==> flow/design.v <==
module sync_mux_blk #(
  parameter DWIDTH = 3
) (
  input  wire clk,
  input  wire rst_i,
  input  wire clk_en,
  input  wire [DWIDTH-1:0] bus0,
  input  wire [DWIDTH-1:0] bus1,
  input  wire [DWIDTH-1:0] bus2,
  input  wire [DWIDTH-1:0] bus3,
  input  wire [DWIDTH-1:0] bus4,
  input  wire [DWIDTH-1:0] bus5,
  input  wire [DWIDTH-1:0] bus6,
  input  wire [DWIDTH-1:0] bus7,
  input  wire [DWIDTH-1:0] bus8,
  input  wire [DWIDTH-1:0] bus9,
  input  wire [DWIDTH-1:0] bus10,
  input  wire [DWIDTH-1:0] bus11,
  input  wire [DWIDTH-1:0] bus12,
  input  wire [DWIDTH-1:0] bus13,
  input  wire [DWIDTH-1:0] bus14,
  input  wire [DWIDTH-1:0] bus15,
  input  wire [3:0] sel,
  output reg [DWIDTH-1:0] out
);
  reg [DWIDTH-1:0] r_bus0;
  reg [DWIDTH-1:0] r_bus1;
  reg [DWIDTH-1:0] r_bus2;
  reg [DWIDTH-1:0] r_bus3;
  reg [DWIDTH-1:0] r_bus4;
  reg [DWIDTH-1:0] r_bus5;
  reg [DWIDTH-1:0] r_bus6;
  reg [DWIDTH-1:0] r_bus7;
  reg [DWIDTH-1:0] r_bus8;
  reg [DWIDTH-1:0] r_bus9;
  reg [DWIDTH-1:0] r_bus10;
  reg [DWIDTH-1:0] r_bus11;
  reg [DWIDTH-1:0] r_bus12;
  reg [DWIDTH-1:0] r_bus13;
  reg [DWIDTH-1:0] r_bus14;
  reg [DWIDTH-1:0] r_bus15;
  reg [3:0] r_sel;
  always @(posedge clk) begin
    if (rst_i) begin
      r_bus0 <= 0;
      r_bus1 <= 0;
      r_bus2 <= 0;
      r_bus3 <= 0;
      r_bus4 <= 0;
      r_bus5 <= 0;
      r_bus6 <= 0;
      r_bus7 <= 0;
      r_bus8 <= 0;
      r_bus9 <= 0;
      r_bus10 <= 0;
      r_bus11 <= 0;
      r_bus12 <= 0;
      r_bus13 <= 0;
      r_bus14 <= 0;
      r_bus15 <= 0;
      r_sel <= 0;
    end else if (clk_en) begin
      r_bus0 <= bus0;
      r_bus1 <= bus1;
      r_bus2 <= bus2;
      r_bus3 <= bus3;
      r_bus4 <= bus4;
      r_bus5 <= bus5;
      r_bus6 <= bus6;
      r_bus7 <= bus7;
      r_bus8 <= bus8;
      r_bus9 <= bus9;
      r_bus10 <= bus10;
      r_bus11 <= bus11;
      r_bus12 <= bus12;
      r_bus13 <= bus13;
      r_bus14 <= bus14;
      r_bus15 <= bus15;
      r_sel <= sel;
    end
  end
  reg [DWIDTH-1:0] r;
  always @* begin
    case (r_sel)
      4'b0000: r = r_bus0;
      4'b0001: r = r_bus1;
      4'b0010: r = r_bus2;
      4'b0011: r = r_bus3;
      4'b0100: r = r_bus4;
      4'b0101: r = r_bus5;
      4'b0110: r = r_bus6;
      4'b0111: r = r_bus7;
      4'b1000: r = r_bus8;
      4'b1001: r = r_bus9;
      4'b1010: r = r_bus10;
      4'b1011: r = r_bus11;
      4'b1100: r = r_bus12;
      4'b1101: r = r_bus13;
      4'b1110: r = r_bus14;
      default: r = r_bus15;
    endcase
  end
  always @(posedge clk) begin
    if (rst_i) begin
      out <= 0;
    end else if (clk_en) begin
      out <= r;
    end
  end
endmodule
# Reports on sync_mux_blk
# The steps from the RTL of sync_mux_blk to its reports follow in flow order.
# Lines are those of the file above, counted from 1.
# The mark n/a stands for no value.
[setup]
top_module = "sync_mux_blk"
clock = "clk"
library = "sky130hd"
pvt_corner = "tt_025C_1v80"

# Elaborated design
# Source: Yosys, flattened and elaborated, memories not mapped. Widths are those after wreduce; folded enables and synchronous resets count as part of the registers. Registers that Yosys merges into a memory's read port (data or address) are not register bits. Print and check cells do not count. Equal cells are merged and count once.
[bits]
regBits = 55
input_bits = 55
[op_classes]
n_eq = 14
mux = 1
n_reduce_logical = 1
[ops]
columns = ["op", "n"]
rows = [
  ["case mux 3 bit (select 15 bit)", 1],
  ["== test 4 bit (second input constant)", 7],
  ["== test 4 x 3 -> 1 bit (second input constant)", 4],
  ["== test 4 x 2 -> 1 bit (second input constant)", 2],
  ["== test 4 x 1 -> 1 bit (second input constant)", 1],
  ["zero test 4 bit", 1],
]

# Depth
# Depth = most cells in a row (Yosys ltp): at word level without a register or memory, in the mapped netlist without a sequential cell, where the memories' decode and read muxes count.
[logic_depth]
word_depth = 2
abc_area = 0
depth_mapped = 6

# Mapped cells and area
# The flow's flattened synthesis, as Yosys stat reports it; memories are mapped. The netlist is that of the ABC_AREA named above (0 if unset); the other value can give another one.
[mapped]
stdcells = 266
yosys_area_um2 = 2478.6
seq_area_um2 = 1101.1
flip_flops = 55
buffers = 22
[by_type]
columns = ["cell_type", "n", "type_area_um2"]
rows = [
  ["sky130_fd_sc_hd__dfxtp_1", 55, 1.1E+03],
  ["sky130_fd_sc_hd__mux2i_1", 60, 600.576],
  ["sky130_fd_sc_hd__nor2_1", 62, 232.723],
  ["sky130_fd_sc_hd__nand3b_1", 11, 82.579],
  ["sky130_fd_sc_hd__buf_2", 11, 55.053],
  ["sky130_fd_sc_hd__buf_6", 3, 33.782],
  ["sky130_fd_sc_hd__nand2_1", 9, 33.782],
  ["sky130_fd_sc_hd__o22ai_1", 5, 31.28],
  ["sky130_fd_sc_hd__a21oi_1", 6, 30.029],
  ["sky130_fd_sc_hd__a221oi_1", 3, 26.275],
  ["sky130_fd_sc_hd__nor3_1", 5, 25.024],
  ["sky130_fd_sc_hd__clkbuf_1", 6, 22.522],
  ["sky130_fd_sc_hd__o21ai_0", 4, 20.019],
  ["sky130_fd_sc_hd__o21ai_1", 4, 20.019],
  ["sky130_fd_sc_hd__a31oi_1", 3, 18.768],
  ["sky130_fd_sc_hd__or3b_1", 2, 17.517],
  ["sky130_fd_sc_hd__a21o_1", 2, 15.014],
  ["sky130_fd_sc_hd__nand3_1", 3, 15.014],
]
# Other cell types: 12; their cells: 12.

# Timing after synthesis
# OpenSTA on the mapped netlist: ideal clock, no wires. The path of least setup slack (recovery checks aside). Input and output delay are each 20% of the period. Register names are those of the netlist, which keeps one name where synthesis merged equal registers.
[synth_path]
path_type = "register -> register"
from = "reg r_sel[1]"
to = "reg out[2]"
clock_period_ns = 1.62
setup_time_ns = 0.132
t_first_pin_ns = 0.000
arrival_time_ns = 1.163
t_required_ns = 1.488
path_slack_ns = 0.325
path_delay_ns = 1.295
stages = 5
period_less_setup_slack_ns = 1.295
# "path_delay_ns" = arrival - input delay + setup time.
# "stages": output pins that drive a net of the path, with the launching flip-flop's if there is one; two outputs of one cell count as two.
# "period_less_setup_slack_ns" = period - worst setup slack (recovery checks aside). The figure is calculated, with input and output delays left at 20% of the set period.
# The rows between start and end are the longest chain of elaborated cells between them; the timing report does not say that the signal goes this way. Where chains are equally long, one stands for them.
# Each line given opens the expression or statement behind the cell; cells for indexed reads and writes are added by Yosys, which also makes memories of some case tables.
[synth_between]
cell_sequence = "sky130_fd_sc_hd__dfxtp_1 sky130_fd_sc_hd__mux2_1 sky130_fd_sc_hd__a22o_1 sky130_fd_sc_hd__a221oi_1 sky130_fd_sc_hd__a31oi_1"
elab_chain_len = 2
[synth_lines]
columns = ["item", "line", "source"]
rows = [
  ["from (decl)", 42, "reg [3:0] r_sel;"],
  ["from (assign)", 61, "r_sel <= 0;"],
  ["from (assign)", 79, "r_sel <= sel;"],
  ["== test 4 bit", 84, "case (r_sel)"],
  ["case mux 3 bit (select 15 bit)", 84, ""],
  ["to (assign)", 105, "out <= 0;"],
  ["to (assign)", 107, "out <= r;"],
  ["to (decl)", 24, "output reg [DWIDTH-1:0] out"],
]

# Worst path after layout
# Path of least setup slack in the final report of stored run 1 (OpenROAD, finished layout, wires in). Where an end is a register, its clock arrival counts in the times.
[layout_path]
path_type = "register -> output"
from = "reg out[1]"
to = "out out[1]"
clock_period_ns = 1.62
output_delay_ns = 0.32
t_first_pin_ns = 0.30
arrival_time_ns = 1.24
t_required_ns = 1.30
path_slack_ns = 0.06
stages = 2
[layout_between]
cell_sequence = "sky130_fd_sc_hd__dfxtp_1 sky130_fd_sc_hd__clkdlybuf4s50_1"
elab_chain_len = 0
[layout_lines]
columns = ["item", "line", "source"]
rows = [
  ["from (decl)", 24, "output reg [DWIDTH-1:0] out"],
  ["from (assign)", 105, "out <= 0;"],
  ["from (assign)", 107, "out <= r;"],
  ["to (decl)", 24, ""],
]

# Below are 3 stored runs of the flow (Yosys, OpenROAD; platform sky130hd) on sync_mux_blk, each with its settings and what was measured, unordered. Constraints: input delay and output delay 20% of the set period each, output load 0.01 pF.
# "clock_period_reached_ns" = clock period - worst setup slack. The figure is calculated, with input and output delays left at 20% of the set period.
# "timing.worst_path_ns" means the part of the period allowed to the worst setup path (the constraints hold back 20% at inputs and 20% at outputs) less its slack; where the path has registers, the arrival times of their clocks count too.
# "final_power_uw" is the tool's figure for a default switching activity; nothing was simulated.

[[run]]
name = "stored run 1"
[run.settings]
period_ns = 1.62
CAP_MARGIN = 20
CORE_MARGIN = 2
CORE_UTILIZATION = 40
SLEW_MARGIN = 20
[run.results]
post_route_util_pct = 54.3
timing.hold.ws_ns = 0.420
clock_period_reached_ns = 1.565
final_setup_ws_ns = 0.055
post_synth_area_um2 = 2478.6
timing.worst_path_ns = 1.24
critical_path_kind = "register -> output"
design_die_area_um2 = 6842.6
final_power_uw = 2724

[[run]]
name = "stored run 2"
[run.settings]
period_ns = 1.54
CORE_UTILIZATION = 26
SETUP_SLACK_MARGIN = 0.43
ABC_AREA = 0
GPL_ROUTABILITY_DRIVEN = 0
MAX_ROUTING_LAYER = "met4"
CAP_MARGIN = 20
CORE_MARGIN = 2
SLEW_MARGIN = 20
[run.results]
timing.hold.ws_ns = 0.423
post_route_util_pct = 37.8
clock_period_reached_ns = 1.334
post_synth_area_um2 = 2478.6
timing.worst_path_ns = 1.33
critical_path_kind = "register -> register"
final_power_uw = 2977
design_die_area_um2 = 10330.7
final_setup_ws_ns = 0.206

[[run]]
name = "stored run 3"
[run.settings]
period_ns = 2.31
CORE_UTILIZATION = 24
SETUP_SLACK_MARGIN = 0.21
PLACE_DENSITY_LB_ADDON = 0.22
ABC_AREA = 0
GPL_TIMING_DRIVEN = 0
CTS_CLUSTER_SIZE = 50
CTS_CLUSTER_DIAMETER = 283
MIN_ROUTING_LAYER = "met2"
MAX_ROUTING_LAYER = "met5"
CAP_MARGIN = 20
CORE_MARGIN = 2
SLEW_MARGIN = 20
[run.results]
post_synth_area_um2 = 2478.6
final_setup_ws_ns = 0.548
post_route_util_pct = 32.6
timing.worst_path_ns = 1.30
critical_path_kind = "register -> output"
final_power_uw = 2019
design_die_area_um2 = 11156.6
clock_period_reached_ns = 1.762
timing.hold.ws_ns = 0.503
